==> flow/design.v <==
module alu_mux_mod #(
  parameter XLEN = 1,
  parameter N = 48,
  parameter LG = $clog2(N)
) (
  input wire i_clk,
  input wire aresetn,
  input wire adv,
  input wire [N*XLEN-1:0] din,
  input wire [LG-1:0] sel,
  output reg [XLEN-1:0] result
);
  reg [N*XLEN-1:0] din_r;
  reg [LG-1:0] sel_r;
  wire [XLEN-1:0] opt [0:N-1];
  genvar gi;
  generate
    for (gi = 0; gi < N; gi = gi + 1) begin : gen
      assign opt[gi] = din_r[gi*XLEN +: XLEN];
    end
  endgenerate
  always @(posedge i_clk or negedge aresetn) begin
    if (!aresetn) begin
      din_r <= 0;
      sel_r <= 0;
      result <= 0;
    end else if (adv) begin
      din_r <= din;
      sel_r <= sel;
      result <= opt[sel_r];
    end
  end
endmodule
# ---- Reports on alu_mux_mod
# The steps from the RTL of alu_mux_mod to its reports follow in flow order.
# Line numbers count from 1 in the design file above.
# Operators: Yosys type, input widths -> output width; for muxes data width and select width s.
# A cell with n/a has no value.
dict set report setup {
  top {alu_mux_mod}
  clk_port {i_clk}
  cell_library {sky130hd}
  corner {tt_025C_1v80}
}

# ---- After elaboration
# Yosys after proc, flatten, opt, wreduce and memory -nomap, before mapping. Print and check cells are not counted. Equal cells are merged and count once.
dict set report word_totals {
  n_memories 0
  input_bits 57
  word_cells 52
  regBits 55
  clocked_rd_ports_x_width 0
  romBits 0
  latch_bits 0
  ramBits 0
}
dict set report classes {
  n_addsub 0
  n_div 0
  reduce_logical 1
  muxes 1
  n_shift 0
  bitwise 0
  eq_ne 47
  n_cmp 0
  mul 0
}
# op count
set ops {}
lappend ops {{$eq 6x5->1 const B} 16}
lappend ops {{$eq 6x6->1 const B} 16}
lappend ops {{$eq 6x4->1 const B} 8}
lappend ops {{$pmux 1 s48} 1}
lappend ops {{$eq 6x3->1 const B} 4}
lappend ops {{$eq 6x2->1 const B} 2}
lappend ops {{$eq 6x1->1 const B} 1}
lappend ops {{$logic_not 6->1} 1}

# ---- Longest topological paths
# Yosys ltp: most cells in a row. Word level: on the elaborated netlist, between registers, memories and ports. Mapped: between sequential cells and ports; inverters and the memories' decode and read muxes count.
dict set report logic_depth {
  word_depth 2
  abc_area 1
  mapped_depth 13
}

# ---- After synthesis
# Yosys stat after the flow's synthesis: flattened, memories mapped to cells. It holds for the ABC_AREA given above (unset counts as 0); a run with the other value may have another netlist.
# cell count area_total_um2
set by_type {}
lappend by_type {sky130_fd_sc_hd__dfrtp_1 55 1376.32}
lappend by_type {sky130_fd_sc_hd__nand2_1 208 780.749}
lappend by_type {sky130_fd_sc_hd__nor2_1 35 131.376}
lappend by_type {sky130_fd_sc_hd__nand3_1 19 95.091}
lappend by_type {sky130_fd_sc_hd__o21ai_0 15 75.072}
lappend by_type {sky130_fd_sc_hd__inv_1 18 67.565}
lappend by_type {sky130_fd_sc_hd__clkbuf_1 11 41.29}
lappend by_type {sky130_fd_sc_hd__nand2_2 4 25.024}
lappend by_type {sky130_fd_sc_hd__a21oi_1 2 10.01}
lappend by_type {sky130_fd_sc_hd__nor2_2 1 6.256}
lappend by_type {sky130_fd_sc_hd__nor3_1 1 5.005}
lappend by_type {sky130_fd_sc_hd__o21ai_1 1 5.005}
lappend by_type {sky130_fd_sc_hd__clkinv_1 1 3.754}
dict set report synth_totals {
  cell_count 371
  yosys_area_um2 2622.5
  ff_cells 55
  seqArea_um2 1376.3
}

# ---- Timing after synthesis
# OpenSTA on the mapped netlist: ideal clock, no wires. The path of least setup slack (recovery checks aside). Input and output delay are each 20% of the period. Register names are those of the netlist, which keeps one name where synthesis merged equal registers.
dict set report synth_path {
  kind {reg-to-reg}
  start {register sel_r[3]}
  end {register result}
  setup_time_ps 116
  t_first_pin_ps 0
  path_delay_ps 1288
  driving_pins 13
  required_ps 2144
  arrival_time_ps 1172
  tclk_ps 2260
  setup_slack_ps 972
  synth_period_reached_ps 1288
}
# "path_delay_ps" = arrival - input delay + setup time.
# "driving_pins" counts driving pins, that of a launching flip-flop among them; a cell with two outputs on the path counts twice.
# "synth_period_reached_ps" is the clock period less the worst setup slack; recovery checks do not enter. This is arithmetic on one report: input and output delays are still those of the set period (20% each).
# The rows between start and end are the longest chain of elaborated cells between them; the timing report does not say that the signal goes this way. Where chains are equally long, one stands for them.
# A line is the first line of the expression or statement that the cell stems from. Yosys adds cells for indexed reads and writes and turns some case tables into memories.
dict set report synth_via {
  path_cell_list {sky130_fd_sc_hd__dfrtp_1 -> sky130_fd_sc_hd__nand2_1 -> sky130_fd_sc_hd__inv_1 -> sky130_fd_sc_hd__nand3_1 -> sky130_fd_sc_hd__nand2_1 -> sky130_fd_sc_hd__nor2_1 -> sky130_fd_sc_hd__nand2_1 -> sky130_fd_sc_hd__nor2_1 -> sky130_fd_sc_hd__nor2_1 -> sky130_fd_sc_hd__nor2_1 -> sky130_fd_sc_hd__nand2_1 -> sky130_fd_sc_hd__nand2_1 -> sky130_fd_sc_hd__nand2_1}
  elab_chain_cells 2
  cells_between 49
  lines_between 1
  cone_classes {47 x eq/ne; 1 x mux; 1 x reduce/logical}
}
# item line
set synth_lines {}
lappend synth_lines {{from (decl)} 14} ;# reg [LG-1:0] sel_r;
lappend synth_lines {{from (assign)} 25} ;# sel_r <= 0;
lappend synth_lines {{from (assign)} 29} ;# sel_r <= sel;
lappend synth_lines {{$eq 6x6->1} 30} ;# result <= opt[sel_r];
lappend synth_lines {{$pmux 1 s48} 30}
lappend synth_lines {{to (assign)} 26} ;# result <= 0;
lappend synth_lines {{to (assign)} 30}
lappend synth_lines {{to (decl)} 11} ;# output reg [XLEN-1:0] result

# ---- Timing after layout
# From the final timing report of record 2: the path of least setup slack in the routed layout; clock arrival at registers is part of the times.
# The report prints the path's times to 10 ps; the period is as set.
dict set report layout_path {
  kind {reg-to-reg}
  start {register sel_r[1]}
  end {register result}
  required_ps 1540
  arrival_time_ps 1750
  t_first_pin_ps 310
  driving_pins 13
  setup_slack_ps -210
  setup_time_ps 50
  tclk_ps 1280
}
# The rows between start and end are the longest chain of elaborated cells between them; the timing report does not say that the signal goes this way. Where chains are equally long, one stands for them.
dict set report layout_via {
  path_cell_list {sky130_fd_sc_hd__dfrtp_2 -> sky130_fd_sc_hd__nand2_4 -> sky130_fd_sc_hd__nor2_2 -> sky130_fd_sc_hd__nand2_1 -> sky130_fd_sc_hd__nand2_1 -> sky130_fd_sc_hd__nor2_1 -> sky130_fd_sc_hd__nand2_1 -> sky130_fd_sc_hd__nor2_1 -> sky130_fd_sc_hd__nor2_1 -> sky130_fd_sc_hd__nor2_1 -> sky130_fd_sc_hd__nand2_1 -> sky130_fd_sc_hd__nand2_1 -> sky130_fd_sc_hd__nand2_1}
  elab_chain_cells 2
  cells_between 49
  lines_between 1
  cone_classes {47 x eq/ne; 1 x mux; 1 x reduce/logical}
}
# item line
set layout_lines {}
lappend layout_lines {{from (decl)} 14} ;# reg [LG-1:0] sel_r;
lappend layout_lines {{from (assign)} 25} ;# sel_r <= 0;
lappend layout_lines {{from (assign)} 29} ;# sel_r <= sel;
lappend layout_lines {{$eq 6x6->1} 30} ;# result <= opt[sel_r];
lappend layout_lines {{$pmux 1 s48} 30}
lappend layout_lines {{to (assign)} 26} ;# result <= 0;
lappend layout_lines {{to (assign)} 30}
lappend layout_lines {{to (decl)} 11} ;# output reg [XLEN-1:0] result

Ticket comment

Measured results for alu_mux_mod: 3 stored runs of the Yosys and OpenROAD flow on sky130hd. The settings differ; the order carries no meaning. The constraints put input and output delay at 20% of the set period each and load the outputs with 0.01 pF.
"period_less_ws_ps" = clock period - worst setup slack. The figure is calculated, with input and output delays left at 20% of the set period.
"worst_path_allowed_less_slack_ps" means the part of the period allowed to the worst setup path (the constraints hold back 20% at inputs and 20% at outputs) less its slack; where the path has registers, the arrival times of their clocks count too.
"power_w": no workload was simulated; the value follows from the tool's default switching activity.
"worst_path_allowed_less_slack_ps" is known to 10 ps.

# record 1
==> flow/run.sh <==
#!/bin/bash
# the make line also repeats the synthesis and layout settings of config.mk as NAME=value (left out here)
make -C /OpenROAD-flow-scripts/flow DESIGN_CONFIG=/design/flow/config.mk WORK_HOME=/design/flow/orfs CLKGATE_MAP_FILE= finish
==> flow/config.mk <==
export PLATFORM = sky130hd
export DESIGN_NAME = alu_mux_mod
export DESIGN_NICKNAME = alu_mux_mod
export VERILOG_FILES = /design/flow/design.v
export SDC_FILE = /design/flow/constraint.sdc
export NUM_CORES = 4
export LEC_CHECK = 0
export ABC_AREA = 1
export CAP_MARGIN = 20
export CELL_PAD_IN_SITES_DETAIL_PLACEMENT = 2
export CELL_PAD_IN_SITES_GLOBAL_PLACEMENT = 1
export CORE_MARGIN = 3
export CORE_UTILIZATION = 55
export CTS_CLUSTER_SIZE = 11
export MIN_ROUTING_LAYER = met1
export SLEW_MARGIN = 20
==> flow/constraint.sdc <==
create_clock -name core_clock -period 3.3 [get_ports {i_clk}]
set_input_delay 0.6600 -clock core_clock [delete_from_list [all_inputs] [get_ports {i_clk}]]
set_output_delay 0.6600 -clock core_clock [all_outputs]
set_load 0.01 [all_outputs]

==> record 1: results <==
outcome="did not finish, placement stopped with GPL-0301"

# record 2
==> flow/run.sh <==
#!/bin/bash
# the make line also repeats the synthesis and layout settings of config.mk as NAME=value (left out here)
make -C /OpenROAD-flow-scripts/flow DESIGN_CONFIG=/design/flow/config.mk WORK_HOME=/design/flow/orfs CLKGATE_MAP_FILE= finish
==> flow/config.mk <==
export PLATFORM = sky130hd
export DESIGN_NAME = alu_mux_mod
export DESIGN_NICKNAME = alu_mux_mod
export VERILOG_FILES = /design/flow/design.v
export SDC_FILE = /design/flow/constraint.sdc
export NUM_CORES = 4
export LEC_CHECK = 0
export ABC_AREA = 1
export CAP_MARGIN = 20
export CORE_MARGIN = 2
export CORE_UTILIZATION = 56
export GPL_TIMING_DRIVEN = 0
export PLACE_DENSITY_LB_ADDON = 0.1
export SLEW_MARGIN = 5
export TNS_END_PERCENT = 100
==> flow/constraint.sdc <==
create_clock -name core_clock -period 1.28 [get_ports {i_clk}]
set_input_delay 0.2560 -clock core_clock [delete_from_list [all_inputs] [get_ports {i_clk}]]
set_output_delay 0.2560 -clock core_clock [all_outputs]
set_load 0.01 [all_outputs]

==> record 2: results <==
timing.setup.ws_ps=-214
period_less_ws_ps=1494
post_route_util_frac=0.785
stdcell_area_um2=3487.1
power_w=0.003714
tns_ps=-227
design.die.area_um2=5246.1
worst_path_allowed_less_slack_ps=1490
worst_path_kind="reg-to-reg"
synth_area_um2=2622.5

# record 3
==> flow/run.sh <==
#!/bin/bash
# the make line also repeats the synthesis and layout settings of config.mk as NAME=value (left out here)
make -C /OpenROAD-flow-scripts/flow DESIGN_CONFIG=/design/flow/config.mk WORK_HOME=/design/flow/orfs CLKGATE_MAP_FILE= finish
==> flow/config.mk <==
export PLATFORM = sky130hd
export DESIGN_NAME = alu_mux_mod
export DESIGN_NICKNAME = alu_mux_mod
export VERILOG_FILES = /design/flow/design.v
export SDC_FILE = /design/flow/constraint.sdc
export NUM_CORES = 4
export LEC_CHECK = 0
export CAP_MARGIN = 20
export CORE_MARGIN = 2
export CORE_UTILIZATION = 40
export SLEW_MARGIN = 20
==> flow/constraint.sdc <==
create_clock -name core_clock -period 2.26 [get_ports {i_clk}]
set_input_delay 0.4520 -clock core_clock [delete_from_list [all_inputs] [get_ports {i_clk}]]
set_output_delay 0.4520 -clock core_clock [all_outputs]
set_load 0.01 [all_outputs]

==> record 3: results <==
timing.setup.ws_ps=296
period_less_ws_ps=1964
post_route_util_frac=0.538
stdcell_area_um2=3458.3
power_w=0.002272
tns_ps=0
design.die.area_um2=7416.6
worst_path_allowed_less_slack_ps=1960
worst_path_kind="reg-to-reg"
synth_area_um2=2697.6
